==> flow/design.v <==
module alu_relation #(
  parameter int DATA_W = 28
) (
  input logic clk_i,
  input logic srst,
  input logic [DATA_W-1:0] i_lhs,
  input logic [DATA_W-1:0] i_rhs,
  output logic o_gt,
  output logic o_same
);
  logic [DATA_W-1:0] r_lhs;
  logic [DATA_W-1:0] r_rhs;
  always_ff @(posedge clk_i) begin
    if (srst) begin
      r_lhs <= '0;
      r_rhs <= '0;
    end else begin
      r_lhs <= i_lhs;
      r_rhs <= i_rhs;
    end
  end
  localparam int GROUPS = DATA_W / 4;
  logic [GROUPS:0] g;
  logic [GROUPS:0] e;
  assign g[0] = 1'b0;
  assign e[0] = 1'b1;
  generate
    for (genvar ii = 0; ii < GROUPS; ii++) begin : u_g
      nib_cmp inst (.a(r_lhs[4*ii +: 4]), .b(r_rhs[4*ii +: 4]), .gi(g[ii]), .ei(e[ii]), .go(g[ii+1]), .eo(e[ii+1]));
    end
  endgenerate
  always_ff @(posedge clk_i) begin
    if (srst) begin
      o_gt <= 1'b0;
      o_same <= 1'b0;
    end else begin
      o_gt <= g[GROUPS];
      o_same <= e[GROUPS];
    end
  end
endmodule
module nib_cmp (
  input logic [3:0] a,
  input logic [3:0] b,
  input logic gi,
  input logic ei,
  output logic go,
  output logic eo
);
  assign go = (a > b) | ((a == b) & gi);
  assign eo = (a == b) & ei;
endmodule
Tool chain data of alu_relation
The steps from the RTL of alu_relation to its reports follow in flow order.
Lines are those of the file above, counted from 1.
Operators carry their Yosys type and port widths (W data, S select, Z words).
Cell names lack the library's common part.
Not given: n/a
- design top: alu_relation
- clock input: clk_i
- library: sky130hd
- library corner: tt_025C_1v80

Elaborated design
Counts by Yosys on the flattened word-level netlist (proc, flatten, opt, wreduce; memories kept). Register bits leave out memories and registers merged into their read ports (data or address); mux counts leave out enables and synchronous resets folded into registers. Print and check cells are left out. Cells with the same type and inputs are merged into one.
- magnitude comparators at 7
- eq/ne operators: 7
- bitwise logic cells at 18
- operator list (operator ; count):
    $gt A4 B4 Y1 ; 7
    $eq A4 B4 Y1 ; 7
    $and A1 B1 Y1 ; 12
    $or A1 B1 Y1 ; 6
- noted register bits after elaboration: 58
- input port bits: 58
- noted output and inout bits: 2
- elaborated cells: 36

Logic depth
Longest topological path by Yosys (ltp), each cell counted once; first at word level (registers and memories cut), then after technology mapping (sequential cells cut; the memories' decode and read muxes count).
- depth in word-level cells: 13
- ABC_AREA at 1
- gate-level depth with buffers at 12
- mapped depth without buffers at 12

After synthesis
Yosys stat after the flow's synthesis: flattened, memories mapped to cells. It holds for the ABC_AREA given above (unset counts as 0); a run with the other value may have another netlist.
- cell types (type ; count ; area in all (sq um)):
    dfxtp_1 ; 58 ; 1.16E+03
    inv_1 ; 100 ; 375.36
    ha_1 ; 28 ; 350.336
    nor2_1 ; 67 ; 251.491
    nand2_1 ; 24 ; 90.086
    a21oi_1 ; 8 ; 40.038
    buf_2 ; 5 ; 25.024
    o21ai_0 ; 5 ; 25.024
    a21oi_2 ; 2 ; 17.517
    nand3_1 ; 3 ; 15.014
    nand4_1 ; 2 ; 12.512
    nand3_2 ; 1 ; 10.01
    a21boi_0 ; 1 ; 7.507
    nor3b_1 ; 1 ; 7.507
    o211ai_1 ; 1 ; 7.507
    o21bai_1 ; 1 ; 7.507
    a31oi_1 ; 1 ; 6.256
    nand2b_1 ; 1 ; 6.256
Not listed: further types 2, cells in them 2.
- noted mapped cells: 311
- mapped area at 2424.8 sq um
- noted area of sequential cells: 1161.1 sq um
- flip-flops: 58
- buffers at 6

Worst setup path after synthesis
Path of least setup slack by OpenSTA after synthesis, without wires, with an ideal clock, recovery checks aside; 20% of the period is set as input and as output delay. Where synthesis merged equal registers, the netlist keeps one of their names.
- kind: reg-to-reg
- start: register r_rhs[7]
- end: register o_gt
- noted period: 1770 ps
- setup time at 122 ps
- noted time at the first pin: 0 ps
- arrival time at 1168 ps
- noted required time: 1648 ps
- noted path slack: 480 ps
- delay of the path at 1290 ps
- noted stages on the path: 11
- path buffers: 0
- noted synthesis period reached: 1290 ps
"delay of the path" = arrival - input delay + setup time.
"stages on the path": output pins that drive a net of the path, with the launching flip-flop's if there is one; two outputs of one cell count as two.
"synthesis period reached" is the clock period less the worst setup slack; recovery checks do not enter. This is arithmetic on one report: input and output delays are still those of the set period (20% each).
The rows between start and end are the longest chain of elaborated cells between them; the timing report does not say that the signal goes this way. Where chains are equally long, one stands for them.
A line is the first line of the expression or statement that the cell stems from. Yosys adds cells for indexed reads and writes and turns some case tables into memories.
- path through: dfxtp_1 -> inv_1 -> ha_1 -> nand4_1 -> nand2b_1 -> nand2_1 -> nand2_1 -> nand2_1 -> nand2_1 -> nand2_1 -> a21oi_2
- cells in the longest elaborated chain: 13
- elaborated cells between the ends (all ways) at 14
- those cells by class: 1 x compare; 1 x eq/ne; 12 x logic
- ends and longest elaborated chain, post-synthesis (element ; line ; text):
    from (decl) ; 12 ; logic [DATA_W-1:0] r_rhs;
    from (assign) ; 16 ; r_rhs <= '0;
    from (assign) ; 19 ; r_rhs <= i_rhs;
    $eq A4 B4 Y1 ; 50 ; assign go = (a > b) | ((a == b) & gi);
    $and A1 B1 Y1 ; 50 ;
    $or A1 B1 Y1 ; 50 ;
    $and A1 B1 Y1 ; 50 ;
    $or A1 B1 Y1 ; 50 ;
    $and A1 B1 Y1 ; 50 ;
    $or A1 B1 Y1 ; 50 ;
    $and A1 B1 Y1 ; 50 ;
    $or A1 B1 Y1 ; 50 ;
    $and A1 B1 Y1 ; 50 ;
    $or A1 B1 Y1 ; 50 ;
    $and A1 B1 Y1 ; 50 ;
    $or A1 B1 Y1 ; 50 ;
    to (assign) ; 34 ; o_gt <= 1'b0;
    to (assign) ; 37 ; o_gt <= g[GROUPS];
    to (decl) ; 8 ; output logic o_gt,

Path in the finished layout
From the final timing report of run 1: the path of least setup slack in the routed layout; clock arrival at registers is part of the times.
The report prints the path's times to 10 ps; the period is as set.
- kind: reg-to-output
- start: register o_same
- end: output port o_same
- noted period: 2720 ps
- output delay: 540 ps
- noted time at the first pin: 390 ps
- arrival time at 1270 ps
- noted required time: 2180 ps
- noted path slack: 910 ps
- noted stages on the path: 2
- path buffers: 1
- path through: dfxtp_1 -> clkdlybuf4s50_1
- cells in the longest elaborated chain: 0
- elaborated cells between the ends (all ways) at 0
- RTL lines with such cells at 0
- ends and longest elaborated chain, post-layout (element ; line ; text):
    from (decl) ; 9 ; output logic o_same
    from (assign) ; 35 ; o_same <= 1'b0;
    from (assign) ; 38 ; o_same <= e[GROUPS];
    to (decl) ; 9 ;

Ticket comment

alu_relation through Yosys and OpenROAD on sky130hd: 3 stored runs, unordered, with their settings and measured results. The constraints put input and output delay at 20% of the set period each and load the outputs with 0.01 pF.
"reached clock period" = clock period - worst setup slack. The figure is calculated, with input and output delays left at 20% of the set period.
"worst setup path time" is the time allowed to the run's worst setup path (the clock period less input and output delay, where it has them) less its slack. Clock arrival times count: a late capture clock shortens it, a late launch clock lengthens it.
By "total power after layout" is meant OpenSTA's value without simulated activity: inputs other than the clock are taken to toggle once in ten clock periods, and the tool carries that through the logic.
"worst setup path time" is known to 10 ps.

Run 1

==> flow/run.sh <==
#!/bin/bash
# the make line also repeats the synthesis and layout settings of config.mk as NAME=value (left out here)
make -C /OpenROAD-flow-scripts/flow DESIGN_CONFIG=/design/flow/config.mk WORK_HOME=/design/flow/orfs CLKGATE_MAP_FILE= finish
==> flow/config.mk <==
export PLATFORM = sky130hd
export DESIGN_NAME = alu_relation
export DESIGN_NICKNAME = alu_relation
export VERILOG_FILES = /design/flow/design.v
export SDC_FILE = /design/flow/constraint.sdc
export NUM_CORES = 4
export LEC_CHECK = 0
export ABC_AREA = 1
export CAP_MARGIN = 40
export CELL_PAD_IN_SITES_GLOBAL_PLACEMENT = 0
export CORE_MARGIN = 7
export CORE_UTILIZATION = 68
export CTS_CLUSTER_DIAMETER = 43
export GPL_ROUTABILITY_DRIVEN = 1
export PLACE_DENSITY = 0.62
export SLEW_MARGIN = 20
==> flow/constraint.sdc <==
create_clock -name core_clock -period 2.72 [get_ports {clk_i}]
set_input_delay 0.5440 -clock core_clock [delete_from_list [all_inputs] [get_ports {clk_i}]]
set_output_delay 0.5440 -clock core_clock [all_outputs]
set_load 0.01 [all_outputs]

Measured in run 1:
- noted the synthesized cell area: 2424.8 sq um
- full die area: 5433.9 sq um
- utilization after layout: 92.9%
- noted the smallest setup slack: 911 ps
- final setup TNS: 0 ps
- total power after layout at 1695 µW
- reached clock period at 1809 ps
- worst setup path time: 1270 ps
- worst setup path kind: reg-to-output

Run 2

==> flow/run.sh <==
#!/bin/bash
# the make line also repeats the synthesis and layout settings of config.mk as NAME=value (left out here)
make -C /OpenROAD-flow-scripts/flow DESIGN_CONFIG=/design/flow/config.mk WORK_HOME=/design/flow/orfs CLKGATE_MAP_FILE= finish
==> flow/config.mk <==
export PLATFORM = sky130hd
export DESIGN_NAME = alu_relation
export DESIGN_NICKNAME = alu_relation
export VERILOG_FILES = /design/flow/design.v
export SDC_FILE = /design/flow/constraint.sdc
export NUM_CORES = 4
export LEC_CHECK = 0
export CAP_MARGIN = 20
export CELL_PAD_IN_SITES_DETAIL_PLACEMENT = 0
export CELL_PAD_IN_SITES_GLOBAL_PLACEMENT = 2
export CORE_MARGIN = 2
export CORE_UTILIZATION = 43
export GPL_TIMING_DRIVEN = 0
export MIN_ROUTING_LAYER = met2
export SETUP_SLACK_MARGIN = 0.65
export SLEW_MARGIN = 20
export TNS_END_PERCENT = 30
==> flow/constraint.sdc <==
create_clock -name core_clock -period 2.55 [get_ports {clk_i}]
set_input_delay 0.5100 -clock core_clock [delete_from_list [all_inputs] [get_ports {clk_i}]]
set_output_delay 0.5100 -clock core_clock [all_outputs]
set_load 0.01 [all_outputs]

Measured in run 2:
- noted the synthesized cell area: 2274.7 sq um
- full die area: 5887.5 sq um
- utilization after layout: 61.5%
- noted the smallest setup slack: 859 ps
- final setup TNS: 0 ps
- total power after layout at 2011 µW
- reached clock period at 1691 ps
- worst setup path time: 1180 ps
- worst setup path kind: reg-to-output

Run 3

==> flow/run.sh <==
#!/bin/bash
# the make line also repeats the synthesis and layout settings of config.mk as NAME=value (left out here)
make -C /OpenROAD-flow-scripts/flow DESIGN_CONFIG=/design/flow/config.mk WORK_HOME=/design/flow/orfs CLKGATE_MAP_FILE= finish
==> flow/config.mk <==
export PLATFORM = sky130hd
export DESIGN_NAME = alu_relation
export DESIGN_NICKNAME = alu_relation
export VERILOG_FILES = /design/flow/design.v
export SDC_FILE = /design/flow/constraint.sdc
export NUM_CORES = 4
export LEC_CHECK = 0
export CAP_MARGIN = 20
export CORE_MARGIN = 2
export CORE_UTILIZATION = 40
export SLEW_MARGIN = 20
==> flow/constraint.sdc <==
create_clock -name core_clock -period 1.77 [get_ports {clk_i}]
set_input_delay 0.3540 -clock core_clock [delete_from_list [all_inputs] [get_ports {clk_i}]]
set_output_delay 0.3540 -clock core_clock [all_outputs]
set_load 0.01 [all_outputs]

Measured in run 3:
- noted the synthesized cell area: 2274.7 sq um
- full die area: 6305.9 sq um
- utilization after layout: 56.3%
- noted the smallest setup slack: 208 ps
- final setup TNS: 0 ps
- total power after layout at 2751 µW
- reached clock period at 1562 ps
- worst setup path time: 1560 ps
- worst setup path kind: reg-to-reg
